==> flow/design.v <==
module reg_bank_n #(
    parameter integer NREGS = 6,
    parameter integer WD = 10,
    parameter integer AW = $clog2(NREGS)
) (
    input wire clk,
    input wire rst_ni,
    input wire en,
    input wire write_in,
    input wire [AW-1:0] wr_addr_in,
    input wire [WD-1:0] wr_data_in,
    input wire [AW-1:0] raddr1_in,
    input wire [AW-1:0] raddr2_in,
    output wire [WD-1:0] dout1_out,
    output wire [WD-1:0] dout2_out
);
    reg write_reg;
    always @(posedge clk) begin
        if (!rst_ni) begin
            write_reg <= 1'b0;
        end else if (en) begin
            write_reg <= write_in;
        end
    end
    reg [AW-1:0] wr_addr_reg;
    always @(posedge clk) begin
        if (!rst_ni) begin
            wr_addr_reg <= 0;
        end else if (en) begin
            wr_addr_reg <= wr_addr_in;
        end
    end
    reg [WD-1:0] wr_data_reg;
    always @(posedge clk) begin
        if (!rst_ni) begin
            wr_data_reg <= 0;
        end else if (en) begin
            wr_data_reg <= wr_data_in;
        end
    end
    reg [WD-1:0] gpr [NREGS-1:0];
    always @(posedge clk) begin
        if (en && write_reg)
            gpr[wr_addr_reg] <= wr_data_reg;
    end
    reg [AW-1:0] raddr1_reg;
    always @(posedge clk) begin
        if (!rst_ni) begin
            raddr1_reg <= 0;
        end else if (en) begin
            raddr1_reg <= raddr1_in;
        end
    end
    reg [AW-1:0] raddr2_reg;
    always @(posedge clk) begin
        if (!rst_ni) begin
            raddr2_reg <= 0;
        end else if (en) begin
            raddr2_reg <= raddr2_in;
        end
    end
    assign dout1_out = (write_reg && wr_addr_reg == raddr1_reg) ? wr_data_reg : gpr[raddr1_reg];
    assign dout2_out = (write_reg && wr_addr_reg == raddr2_reg) ? wr_data_reg : gpr[raddr2_reg];
endmodule
## Tool chain data of reg_bank_n

Tool output for the design above, in the order of the flow.
Line numbers count from 1 in the design file above.
Library cell names are shortened.
A cell with - has no value.

- Design top: reg_bank_n
- Clock port: clk
- Library: sky130hd
- Timing corner: tt_025C_1v80

## Word-level counts

Counts by Yosys on the flattened word-level netlist (proc, flatten, opt, wreduce; memories kept). Print and check cells are left out. Cells with the same type and inputs are merged into one.
Yosys's memory passes give these memory sizes; they may raise the number of words (mostly to a power of two), join words into wider ones and drop unused or constant bits.

- Memory cells: 1
- Flip-flop bits (word level): 20
- Bits in writable memories: 60
- Word width x clocked read ports: 20
- Word-level cells: 20

Memory list:

| name | words | bits a word | read ports | write ports | RTL line | source |
|---|---|---|---|---|---|---|
| gpr | 6 | 10 | 2 | 1 | 41 | `reg [WD-1:0] gpr [NREGS-1:0];` |

- Reductions and logical operators: 3
- Mux-type cells: 9
- Equal/unequal tests: 2

Operators with widths:

| operator | count |
|---|---|
| two-way mux 10 bit | 3 |
| two-way mux 3 bit | 5 |
| == test 3 bit | 2 |
| logical AND 1 bit | 3 |
| two-way mux 1 bit | 1 |

## Depth

Depth = most cells in a row (Yosys ltp): at word level without a register or memory, in the mapped netlist without a sequential cell, where the memories' decode and read muxes count.

- Depth after elaboration: 3
- ABC_AREA: 0
- Gate-level depth with buffers: 5

## Synthesis result

Yosys stat after the flow's synthesis: flattened, memories mapped to cells. It holds for the ABC_AREA given above (unset counts as 0); a run with the other value may have another netlist.
Totals and module areas in this step are rounded.

Cells by type:

| type | count |
|---|---|
| edfxtp_1 | 60 |
| mux2i_1 | 80 |
| dfxtp_1 | 26 |
| a21oi_2 | 20 |
| a22o_1 | 20 |
| a22oi_1 | 20 |
| nor2b_1 | 22 |
| clkbuf_8 | 4 |
| xnor2_1 | 6 |
| buf_6 | 4 |
| buf_2 | 8 |
| and4_4 | 2 |
| nor2_1 | 6 |
| nand3b_1 | 2 |
| nor2_2 | 2 |
| clkbuf_1 | 3 |
| or3b_2 | 1 |
| nand2b_1 | 1 |
| nand2_1 | 1 |

- Mapped flip-flops: 86
- Synthesis area: 4060 µm²
- Sequential area: 2320 µm²
- Cells in the netlist: 288

## Worst setup path after synthesis

OpenSTA on the mapped netlist: ideal clock, no wires. The path of least setup slack (recovery checks aside). Input and output delay are each 20% of the period. Register names are those of the netlist, which keeps one name where synthesis merged equal registers.

- Path type: input to register
- Start: in en
- End: mem gpr[1][0]
- Setup time: 0.376 ns
- Input delay: 0.436 ns
- Stages on the path: 4
- Period: 2.18 ns
- Data arrival time: 1.457 ns
- Path slack: 0.346 ns
- Required time: 1.804 ns
- Delay of the path: 1.397 ns
- Period reached after synthesis: 1.834 ns

"delay of the path" = arrival - input delay + setup time.
"stages on the path" counts driving pins, that of a launching flip-flop among them; a cell with two outputs on the path counts twice.
"period reached after synthesis" is the clock period less the worst setup slack; recovery checks do not enter. This is arithmetic on one report: input and output delays are still those of the set period (20% each).
Between the ends stands the longest chain of elaborated cells between them, by number of cells; it is not shown to be the way that was timed. Of several equally long chains one is given.
A line is the first line of the expression or statement that the cell stems from. Yosys adds cells for indexed reads and writes and turns some case tables into memories.
The path ends at the enable pin of a flip-flop; only ways to that pin are counted.

- Cell sequence: clkbuf_1 > buf_2 > nand2_1 > nor2_1
- Cells in the longest elaborated chain: 2

RTL lines, path after synthesis:

| what | RTL line | source |
|---|---|---|
| start, declared | 8 | `input wire en,` |
| logical AND 1 bit | 43 | `if (en && write_reg)` |
| two-way mux 3 bit | 43 |  |
| end, declared | 41 | `reg [WD-1:0] gpr [NREGS-1:0];` |

## Path in the finished layout

Path of least setup slack in the final report of record 1 (OpenROAD, finished layout, wires in). Where an end is a register, its clock arrival counts in the times.

- Path type: register to output
- Start: reg wr_addr_reg[2]
- End: out dout1_out[3]
- External output delay: 0.44 ns
- Required time: 1.74 ns
- Data arrival time: 1.79 ns
- Stages on the path: 7
- Period: 2.18 ns
- Path slack: -0.05 ns

Between the ends stands the longest chain of elaborated cells between them, by number of cells; it is not shown to be the way that was timed. Of several equally long chains one is given.

- Cell sequence: dfxtp_4 > xnor2_4 > and4_4 > buf_4 > a21oi_2 > a22o_1 > buf_2
- Cells in the longest elaborated chain: 3

RTL lines, path post-layout:

| what | RTL line | source |
|---|---|---|
| start, declared | 25 | `reg [AW-1:0] wr_addr_reg;` |
| start, assigned | 28 | `wr_addr_reg <= 0;` |
| start, assigned | 30 | `wr_addr_reg <= wr_addr_in;` |
| == test 3 bit | 62 | `assign dout1_out = (write_reg && wr_addr_reg == raddr1_reg) ? wr_data_reg : gpr[raddr1_reg];` |
| logical AND 1 bit | 62 |  |
| two-way mux 10 bit | 62 |  |
| end, declared | 14 | `output wire [WD-1:0] dout1_out,` |

Subject: reg_bank_n on sky130hd, stored results

Hello all,

Design reg_bank_n on sky130hd. What follows are 3 stored runs of the flow, each under its own settings; their order means nothing. The constraints put input and output delay at 20% of the set period each and load the outputs with 0.01 pF.
"clock period achieved" is the run's clock period less its worst setup slack. It is reckoned from that one timing run; input and output delays stay at 20% of the period that was set.
By "total power after layout" is meant OpenSTA's value without simulated activity: inputs other than the clock are taken to toggle once in ten clock periods, and the tool carries that through the logic.
Values from the reports are rounded here.

### Record 1

Settings: `period_ns=2.18`, `CAP_MARGIN=20`, `CORE_MARGIN=2`, `CORE_UTILIZATION=40`, `SLEW_MARGIN=20`

- Standard-cell area of the final layout: 5590 µm²
- Total power after layout: 3.66 mW
- Clock period achieved: 2.226 ns
- Yosys chip area after synthesis: 4060 µm²
- Setup slack of the critical path: -0.046 ns
- Die outline area: 11000 µm²
- Final worst hold slack: 0.565 ns

### Record 2

Settings: `period_ns=2.98`, `CORE_UTILIZATION=68`, `SETUP_SLACK_MARGIN=0.07`, `PLACE_DENSITY_LB_ADDON=0.19`, `CORE_MARGIN=3`, `CELL_PAD_IN_SITES_GLOBAL_PLACEMENT=0`, `GPL_ROUTABILITY_DRIVEN=1`, `MIN_ROUTING_LAYER=met1`, `CAP_MARGIN=20`, `SLEW_MARGIN=20`

- Standard-cell area of the final layout: 4780 µm²
- Total power after layout: 2.59 mW
- Clock period achieved: 2.847 ns
- Yosys chip area after synthesis: 4060 µm²
- Setup slack of the critical path: 0.133 ns
- Die outline area: 6930 µm²
- Final worst hold slack: 0.567 ns

### Record 3

Settings: `period_ns=1.33`, `CORE_UTILIZATION=67`, `SETUP_SLACK_MARGIN=0.04`, `PLACE_DENSITY_LB_ADDON=0.19`, `CORE_ASPECT_RATIO=0.66`, `CORE_MARGIN=4`, `CELL_PAD_IN_SITES_GLOBAL_PLACEMENT=3`, `ABC_AREA=0`, `MIN_ROUTING_LAYER=met1`, `CAP_MARGIN=20`, `SLEW_MARGIN=20`

Not finished: placement ended with error FLW-0024.

Thanks
